==> flow/design.v <==
module my_diff_unit_rtl #(
  parameter integer W = 64
) (
  input  logic CLK,
  input  logic clr,
  input  logic en,
  input  logic [W-1:0] arg0_i,
  input  logic [W-1:0] arg1_i,
  input  logic dir_i,
  output logic [W-1:0] delta_o
);
  logic [W-1:0] arg0_s;
  logic [W-1:0] arg1_s;
  logic dir_s;
  always_ff @(posedge CLK) begin
    if (clr) begin
      arg0_s <= 0;
      arg1_s <= 0;
      dir_s <= 1'b0;
    end else if (en) begin
      arg0_s <= arg0_i;
      arg1_s <= arg1_i;
      dir_s <= dir_i;
    end
  end
  logic [W-1:0] t;
  always_comb begin
    if (dir_s)
      t = arg0_s - arg1_s;
    else
      t = arg0_s + arg1_s;
  end
  always_ff @(posedge CLK) begin
    if (clr) begin
      delta_o <= 0;
    end else if (en) begin
      delta_o <= t;
    end
  end
endmodule
# Step by step through the tools: my_diff_unit_rtl

Tool output for the design above, in the order of the flow.
Line numbers count from 1 in the design file above.
Not given: --

Design top: my_diff_unit_rtl
Clock: CLK
Library: sky130hd
Timing corner: tt_025C_1v80

# After elaboration

Yosys after proc, flatten, opt, wreduce and memory -nomap, before mapping. Enables and synchronous resets that opt folds into registers are not counted as muxes. Memory bits, and registers merged into a memory's read port (data or address), are not among the register bits. Print and check cells are not counted. Equal cells are merged and count once.

Bits in registers: 193
Latch bits: 0
Memory bits (writable): 0
Memory bits (read-only): 0
Word width x clocked read ports: 0
Memories: 0
Output and inout port bits: 64

$add $sub $neg: 2
Multipliers: 0
Divide/modulo/power cells: 0
Magnitude comparators: 0
Eq/ne operators: 0
Shift operators: 0
Multiplexer cells: 1
Bitwise operators: 0
Reductions and logical operators: 0

Operators by type and width:

| cell               | count |
| adder 64 bit       | 1 |
| subtractor 64 bit  | 1 |
| two-way mux 64 bit | 1 |

# Longest topological paths

Longest topological path by Yosys (ltp), each cell counted once; first at word level (registers and memories cut), then after technology mapping (sequential cells cut; the memories' decode and read muxes count).

Word-level depth: 2
ABC_AREA: 1
Mapped depth: 27
Mapped depth without buffers: 27

# After synthesis

The flow's flattened synthesis, as Yosys stat reports it; memories are mapped. The netlist is that of the ABC_AREA named above (0 if unset); the other value can give another one.

Cells in the netlist: 2587
Mapped area: 0.0147804 mm²
Sequential part of the area: 0.0038637 mm²
Flip-flop cells: 193
Buffers: 71

Cells by type:

| cell type                 | count | total area (µm²) |
| sky130_fd_sc_hd__dfxtp_1  | 193   | 3.86E+03 |
| sky130_fd_sc_hd__nand2_1  | 723   | 2.71E+03 |
| sky130_fd_sc_hd__inv_1    | 471   | 1.77E+03 |
| sky130_fd_sc_hd__nor2_1   | 465   | 1.75E+03 |
| sky130_fd_sc_hd__o21ai_0  | 192   | 960.922 |
| sky130_fd_sc_hd__ha_1     | 64    | 800.768 |
| sky130_fd_sc_hd__xor2_1   | 80    | 700.672 |
| sky130_fd_sc_hd__a21oi_1  | 101   | 505.485 |
| sky130_fd_sc_hd__nand3_1  | 95    | 475.456 |
| sky130_fd_sc_hd__clkbuf_1 | 61    | 228.97 |
| sky130_fd_sc_hd__nor3_1   | 25    | 125.12 |
| sky130_fd_sc_hd__nand4_1  | 17    | 106.352 |
| sky130_fd_sc_hd__xnor2_1  | 11    | 96.342 |
| sky130_fd_sc_hd__nor2_4   | 6     | 67.565 |
| sky130_fd_sc_hd__a31oi_1  | 9     | 56.304 |
| sky130_fd_sc_hd__nand2_4  | 5     | 56.304 |
| sky130_fd_sc_hd__nor2_2   | 9     | 56.304 |
| sky130_fd_sc_hd__nand3b_1 | 7     | 52.55 |

Not listed: further types 22, cells in them 53.

# Timing after synthesis

Path of least setup slack by OpenSTA after synthesis, without wires, with an ideal clock, recovery checks aside; 20% of the period is set as input and as output delay. Where synthesis merged equal registers, the netlist keeps one of their names.

Kind: flip-flop to flip-flop
Start point: register arg1_s[0]
End point: register delta_o[48]
Clock period: 5.33 ns
Setup time: 0.109 ns
Data arrival time: 2.773 ns
Setup slack: 2.448 ns
Delay of the path: 2.882 ns
Stages: 21
Synthesis period reached: 2.882 ns

"delay of the path" is the arrival time less input delay plus setup time.
"stages": output pins that drive a net of the path, with the launching flip-flop's if there is one; two outputs of one cell count as two.
"synthesis period reached" = period - worst setup slack (recovery checks aside). The figure is calculated, with input and output delays left at 20% of the set period.
Between the ends stands the longest chain of elaborated cells between them, by number of cells; it is not shown to be the way that was timed. Of several equally long chains one is given.
A line is the first line of the expression or statement that the cell stems from. Yosys adds cells for indexed reads and writes and turns some case tables into memories.

Path through: sky130_fd_sc_hd__dfxtp_1 > sky130_fd_sc_hd__inv_1 > sky130_fd_sc_hd__ha_1 > sky130_fd_sc_hd__nand3_2 > sky130_fd_sc_hd__nor2_4 > sky130_fd_sc_hd__nand3_1 > sky130_fd_sc_hd__nor4_1 > sky130_fd_sc_hd__a21oi_1 > sky130_fd_sc_hd__xor2_1 > sky130_fd_sc_hd__ha_1 > sky130_fd_sc_hd__nand2_1 > sky130_fd_sc_hd__nor2_1 > sky130_fd_sc_hd__nand2_1 > sky130_fd_sc_hd__inv_1 > sky130_fd_sc_hd__nand2_1 > sky130_fd_sc_hd__nor3_1 > sky130_fd_sc_hd__nand2_1 > sky130_fd_sc_hd__nand4_1 > sky130_fd_sc_hd__nand3_1 > sky130_fd_sc_hd__nand2_1 > sky130_fd_sc_hd__inv_1
Length of the longest elaborated chain: 2

RTL lines, path after synthesis:

| element            | RTL line | text |
| from (decl)        | 13       | `logic [W-1:0] arg1_s;` |
| from (assign)      | 18       | `arg1_s <= 0;` |
| from (assign)      | 22       | `arg1_s <= arg1_i;` |
| adder 64 bit       | 31       | `t = arg0_s + arg1_s;` |
| two-way mux 64 bit | 28       | `if (dir_s)` |
| to (assign)        | 35       | `delta_o <= 0;` |
| to (assign)        | 37       | `delta_o <= t;` |
| to (decl)          | 10       | `output logic [W-1:0] delta_o` |

# Timing after layout

Path of least setup slack in the final report of record 1 (OpenROAD, finished layout, wires in). Where an end is a register, its clock arrival counts in the times.

Kind: flip-flop to flip-flop
Start point: register arg1_s[0]
End point: register delta_o[61]
Clock period: 3.21 ns
Setup time: 0.09 ns
Data arrival time: 3.71 ns
Setup slack: -0.11 ns
Stages: 27

Between the ends stands the longest chain of elaborated cells between them, by number of cells; it is not shown to be the way that was timed. Of several equally long chains one is given.

Path through: sky130_fd_sc_hd__dfxtp_2 > sky130_fd_sc_hd__inv_2 > sky130_fd_sc_hd__buf_4 > sky130_fd_sc_hd__nand2_2 > sky130_fd_sc_hd__nor2_4 > sky130_fd_sc_hd__nand4_1 > sky130_fd_sc_hd__buf_6 > sky130_fd_sc_hd__inv_1 > sky130_fd_sc_hd__nand2_2 > sky130_fd_sc_hd__nor2_4 > sky130_fd_sc_hd__nor2_2 > sky130_fd_sc_hd__xor2_1 > sky130_fd_sc_hd__ha_1 > sky130_fd_sc_hd__buf_6 > sky130_fd_sc_hd__nand2_4 > sky130_fd_sc_hd__buf_6 > sky130_fd_sc_hd__inv_1 > sky130_fd_sc_hd__a21oi_1 > sky130_fd_sc_hd__nand2_2 > sky130_fd_sc_hd__nand2_2 > sky130_fd_sc_hd__nand2_2 > sky130_fd_sc_hd__a21oi_4 > sky130_fd_sc_hd__nand2_1 > sky130_fd_sc_hd__nand2_1 > sky130_fd_sc_hd__nand3_1 > sky130_fd_sc_hd__nand2_1 > sky130_fd_sc_hd__inv_1
Length of the longest elaborated chain: 2

RTL lines, path after layout:

| element            | RTL line | text |
| from (decl)        | 13       | `logic [W-1:0] arg1_s;` |
| from (assign)      | 18       | `arg1_s <= 0;` |
| from (assign)      | 22       | `arg1_s <= arg1_i;` |
| adder 64 bit       | 31       | `t = arg0_s + arg1_s;` |
| two-way mux 64 bit | 28       | `if (dir_s)` |
| to (assign)        | 35       | `delta_o <= 0;` |
| to (assign)        | 37       | `delta_o <= t;` |
| to (decl)          | 10       | `output logic [W-1:0] delta_o` |

## Implementation results

3 stored runs of my_diff_unit_rtl in the flow (synthesis by Yosys, layout by OpenROAD, sky130hd cells), in arbitrary order. Constraints: input delay and output delay 20% of the set period each, output load 0.01 pF.
"clock period reached" means the clock period less the worst setup slack. The figure is calculated, with input and output delays left at 20% of the set period.
By "critical setup path time" is meant the share of the clock period that the worst setup path is allowed (20% is reserved at inputs, 20% at outputs), minus its slack. Clock arrival times at its registers enter into it.
By "total power of the final layout" is meant OpenSTA's value without simulated activity: inputs other than the clock are taken to toggle once in ten clock periods, and the tool carries that through the logic.
A setting shown as n/a is not set for that run.

| item                                  | record 1               | record 2               | record 3               |
| period_ns                             | 3.21                   | 5.33                   | 2.93                   |
| CORE_UTILIZATION                      | 47                     | 40                     | 41                     |
| SETUP_SLACK_MARGIN                    | 0.79                   | n/a                    | 0.24                   |
| PLACE_DENSITY_LB_ADDON                | 0.23                   | n/a                    | n/a                    |
| ABC_AREA                              | 1                      | n/a                    | n/a                    |
| CAP_MARGIN                            | 25                     | 20                     | 20                     |
| SLEW_MARGIN                           | 20                     | 20                     | 20                     |
| MAX_ROUTING_LAYER                     | met4                   | n/a                    | n/a                    |
| CORE_MARGIN                           | 2                      | 2                      | 2                      |
| GPL_TIMING_DRIVEN                     | n/a                    | n/a                    | 1                      |
| CTS_CLUSTER_DIAMETER                  | n/a                    | n/a                    | 130                    |
| total power of the final layout (mW)  | 9.295                  | 4.196                  | 9.229                  |
| clock period reached (ns)             | 3.316                  | 4.872                  | 4.273                  |
| critical setup path time (ns)         | 3.32                   | 4.87                   | 4.27                   |
| worst setup path kind                 | flip-flop to flip-flop | flip-flop to flip-flop | flip-flop to flip-flop |
| standard-cell area after layout (mm²) | 0.0226317              | 0.014838               | 0.0194837              |
| total die area (mm²)                  | 0.0328824              | 0.0315844              | 0.0308318              |
| lowest setup slack (ns)               | -0.106                 | 0.458                  | -1.343                 |
| netlist area reported by Yosys (mm²)  | 0.0147804              | 0.0120716              | 0.0120716              |
| total negative setup slack (ns)       | -1.069                 | 0.000                  | -54.199                |
